==> flow/design.v <==
module mul_unit_n (clk, RSTN, opa_i, res_o);
   parameter XLEN = 7;
   parameter SCALE = 2731;
   localparam RW = XLEN + $clog2(SCALE + 1);
   input clk;
   input RSTN;
   input [XLEN-1:0] opa_i;
   output [RW-1:0] res_o;
   reg [XLEN-1:0] opa_r;
   always @(posedge clk) begin
      if (!RSTN) begin
         opa_r <= 0;
      end else begin
         opa_r <= opa_i;
      end
   end
   reg [RW-1:0] tmp;
   integer n;
   always @* begin
      tmp = 0;
      for (n = 0; n < RW - XLEN; n = n + 1)
         if ((SCALE >> n) & 1) tmp = tmp + (opa_r << n);
   end
   reg [RW-1:0] res_r;
   always @(posedge clk) begin
      if (!RSTN) begin
         res_r <= 0;
      end else begin
         res_r <= tmp;
      end
   end
   assign res_o = res_r;
endmodule
From RTL to reports: mul_unit_n
Tool output for the design above, in the order of the flow.
Line numbers count from 1 in the design file above.
Cell names lack the library's common part.
The mark - stands for no value.
- top module: mul_unit_n
- clock input: clk
- standard-cell library: sky130hd
- corner: tt_025C_1v80

Word-level counts
Yosys after proc, flatten, opt, wreduce and memory -nomap, before mapping. Enables and synchronous resets that opt folds into registers are not counted as muxes. Memory bits, and registers merged into a memory's read port (data or address), are not among the register bits. Print and check cells are not counted. Equal cells are merged and count once.
- noted $add $sub $neg: 6
- operators with widths (operator ; count):
    17-bit by 18-bit adder with 19-bit output ; 1
    15-bit by 16-bit adder with 17-bit output ; 1
    13-bit by 14-bit adder with 15-bit output ; 1
    11-bit by 12-bit adder with 13-bit output ; 1
    9-bit by 10-bit adder with 11-bit output ; 1
    7-bit by 8-bit adder with 9-bit output ; 1
- noted register bits after elaboration: 26
- input bits: 9
- output and inout port bits: 19
- elaborated cells: 8

Depth
Yosys ltp: most cells in a row. Word level: on the elaborated netlist, between registers, memories and ports. Mapped: between sequential cells and ports; inverters and the memories' decode and read muxes count.
- depth after elaboration at 6
- ABC_AREA at 0
- noted mapped depth: 12
- noted gate-level depth less buffers: 12

Netlist
The flow's flattened synthesis, as Yosys stat reports it; memories are mapped. The netlist is that of the ABC_AREA named above (0 if unset); the other value can give another one.
- cell types (type ; count ; total area (sq um)):
    dfxtp_1 ; 26 ; 520.499
    ha_1 ; 24 ; 300.288
    fa_1 ; 9 ; 180.173
    inv_1 ; 27 ; 101.347
    and2_1 ; 10 ; 62.56
    a211oi_1 ; 8 ; 60.058
    a21o_1 ; 6 ; 45.043
    a21oi_1 ; 7 ; 35.034
    nor2_1 ; 9 ; 33.782
    o21ai_0 ; 6 ; 30.029
    o31a_1 ; 3 ; 26.275
    o21bai_1 ; 3 ; 22.522
    mux2i_1 ; 2 ; 20.019
    nand2_1 ; 5 ; 18.768
    a2111oi_2 ; 1 ; 15.014
    nor3_1 ; 3 ; 15.014
    o211ai_1 ; 2 ; 15.014
    nor2b_4 ; 1 ; 13.763
Other cell types: 17; their cells: 22.
- noted cell count: 174
- synthesis area: 0.0016641 sq mm
- sequential area: 0.0005205 sq mm
- flip-flop cells at 26
- buffer cells: 4

Worst setup path after synthesis
Path of least setup slack by OpenSTA after synthesis, without wires, with an ideal clock, recovery checks aside; 20% of the period is set as input and as output delay. Where synthesis merged equal registers, the netlist keeps one of their names.
- path kind: register to register
- start: reg opa_r[0]
- end: reg res_r[15]
- noted clock period: 3.69 ns
- library setup time at 0.078 ns
- time at the first pin at 0.000 ns
- arrival time: 2.876 ns
- required time: 3.612 ns
- path slack: 0.736 ns
- delay of the path: 2.954 ns
- driving pins on the path at 11
- buffers on the path at 0
- noted synthesis period reached: 2.954 ns
"delay of the path" is the arrival time less input delay plus setup time.
"driving pins on the path" counts driving pins, that of a launching flip-flop among them; a cell with two outputs on the path counts twice.
"synthesis period reached" = period - worst setup slack (recovery checks aside). The figure is calculated, with input and output delays left at 20% of the set period.
The rows between start and end are the longest chain of elaborated cells between them; the timing report does not say that the signal goes this way. Where chains are equally long, one stands for them.
A line is the first line of the expression or statement that the cell stems from. Yosys adds cells for indexed reads and writes and turns some case tables into memories.
- cell sequence: dfxtp_1 inv_1 fa_1 inv_1 fa_1 ha_1 nor2b_4 o31a_1 o311a_1 o31a_1 nor3_1
- length of the longest elaborated chain at 6
- elaborated cells between the ends (all ways) at 6
- RTL lines with such cells at 1
- classes of those cells: 6 x add/sub
- RTL lines, path after synthesis (item ; line ; source):
    start: declaration ; 9 ; reg [XLEN-1:0] opa_r;
    start: assignment ; 12 ; opa_r <= 0;
    start: assignment ; 14 ; opa_r <= opa_i;
    7-bit by 8-bit adder with 9-bit output ; 22 ; if ((SCALE >> n) & 1) tmp = tmp + (opa_r << n);
    9-bit by 10-bit adder with 11-bit output ; 22 ;
    11-bit by 12-bit adder with 13-bit output ; 22 ;
    13-bit by 14-bit adder with 15-bit output ; 22 ;
    15-bit by 16-bit adder with 17-bit output ; 22 ;
    17-bit by 18-bit adder with 19-bit output ; 22 ;
    end: assignment ; 27 ; res_r <= 0;
    end: assignment ; 29 ; res_r <= tmp;
    end: declaration ; 24 ; reg [RW-1:0] res_r;

Path in the finished layout
From the final timing report of run A: the path of least setup slack in the routed layout; clock arrival at registers is part of the times.
- path kind: register to register
- start: reg opa_r[0]
- end: reg res_r[15]
- noted clock period: 3.64 ns
- library setup time at 0.07 ns
- time at the first pin at 0.27 ns
- arrival time: 3.39 ns
- required time: 3.83 ns
- path slack: 0.44 ns
- driving pins on the path at 11
- buffers on the path at 0
The rows between start and end are the longest chain of elaborated cells between them; the timing report does not say that the signal goes this way. Where chains are equally long, one stands for them.
- cell sequence: dfxtp_1 inv_1 fa_1 inv_1 fa_1 ha_1 nor2b_4 o31a_1 o311a_1 o31a_1 nor3_1
- length of the longest elaborated chain at 6
- elaborated cells between the ends (all ways) at 6
- RTL lines with such cells at 1
- classes of those cells: 6 x add/sub
- RTL lines, path post-layout (item ; line ; source):
    start: declaration ; 9 ; reg [XLEN-1:0] opa_r;
    start: assignment ; 12 ; opa_r <= 0;
    start: assignment ; 14 ; opa_r <= opa_i;
    7-bit by 8-bit adder with 9-bit output ; 22 ; if ((SCALE >> n) & 1) tmp = tmp + (opa_r << n);
    9-bit by 10-bit adder with 11-bit output ; 22 ;
    11-bit by 12-bit adder with 13-bit output ; 22 ;
    13-bit by 14-bit adder with 15-bit output ; 22 ;
    15-bit by 16-bit adder with 17-bit output ; 22 ;
    17-bit by 18-bit adder with 19-bit output ; 22 ;
    end: assignment ; 27 ; res_r <= 0;
    end: assignment ; 29 ; res_r <= tmp;
    end: declaration ; 24 ; reg [RW-1:0] res_r;

Data sheet: physical implementation of mul_unit_n

Module mul_unit_n, platform sky130hd: 3 stored runs of the flow (Yosys, OpenROAD) with differing settings, in no particular order. Input and output delays are each 20% of the period that was set; the output load is 0.01 pF.
"period reached": clock period set for the run, less the worst setup slack. It is reckoned from that one timing run; input and output delays stay at 20% of the period that was set.
"time used up by the worst setup path" means the part of the period allowed to the worst setup path (the constraints hold back 20% at inputs and 20% at outputs) less its slack; where the path has registers, the arrival times of their clocks count too.
By "power consumption" is meant OpenSTA's value without simulated activity: inputs other than the clock are taken to toggle once in ten clock periods, and the tool carries that through the logic.

Run A
Settings were period_ns = 3.64; CORE_UTILIZATION = 33; PLACE_DENSITY_LB_ADDON = 0.2; GPL_TIMING_DRIVEN = 0; CTS_CLUSTER_SIZE = 18; MAX_ROUTING_LAYER = met4; CAP_MARGIN = 20; CORE_MARGIN = 2; SLEW_MARGIN = 20
- noted the chip area in the Yosys report: 0.0016641 sq mm
- die size: 0.0056265 sq mm
- standard-cell area of the final layout at 0.0020495 sq mm
- utilization in the final report: 0.428
- noted the setup slack of the critical path: 0.439 ns
- total negative slack at 0.000 ns
- worst hold slack after layout: 0.594 ns
- power consumption: 0.8169 mW
- noted the period reached: 3.201 ns
- time used up by the worst setup path: 3.20 ns
- worst setup path type: register to register

Run B
Settings were period_ns = 2.56; CORE_UTILIZATION = 64; PLACE_DENSITY_LB_ADDON = 0.12; HOLD_SLACK_MARGIN = 0.19; CORE_ASPECT_RATIO = 0.64; CELL_PAD_IN_SITES_GLOBAL_PLACEMENT = 2; CELL_PAD_IN_SITES_DETAIL_PLACEMENT = 2; TNS_END_PERCENT = 70; GPL_TIMING_DRIVEN = 0; GPL_ROUTABILITY_DRIVEN = 0; CTS_CLUSTER_DIAMETER = 276; CAP_MARGIN = 5; MIN_ROUTING_LAYER = met2; MAX_ROUTING_LAYER = met5; CORE_MARGIN = 2; SLEW_MARGIN = 20
- incomplete, placement halted on FLW-0024

Run C
Settings were period_ns = 3.69; CAP_MARGIN = 20; CORE_MARGIN = 2; CORE_UTILIZATION = 40; SLEW_MARGIN = 20
- noted the chip area in the Yosys report: 0.0016641 sq mm
- die size: 0.0046922 sq mm
- standard-cell area of the final layout at 0.0020295 sq mm
- utilization in the final report: 0.507
- noted the setup slack of the critical path: 0.528 ns
- total negative slack at 0.000 ns
- worst hold slack after layout: 0.571 ns
- power consumption: 0.8065 mW
- noted the period reached: 3.162 ns
- time used up by the worst setup path: 3.16 ns
- worst setup path type: register to register
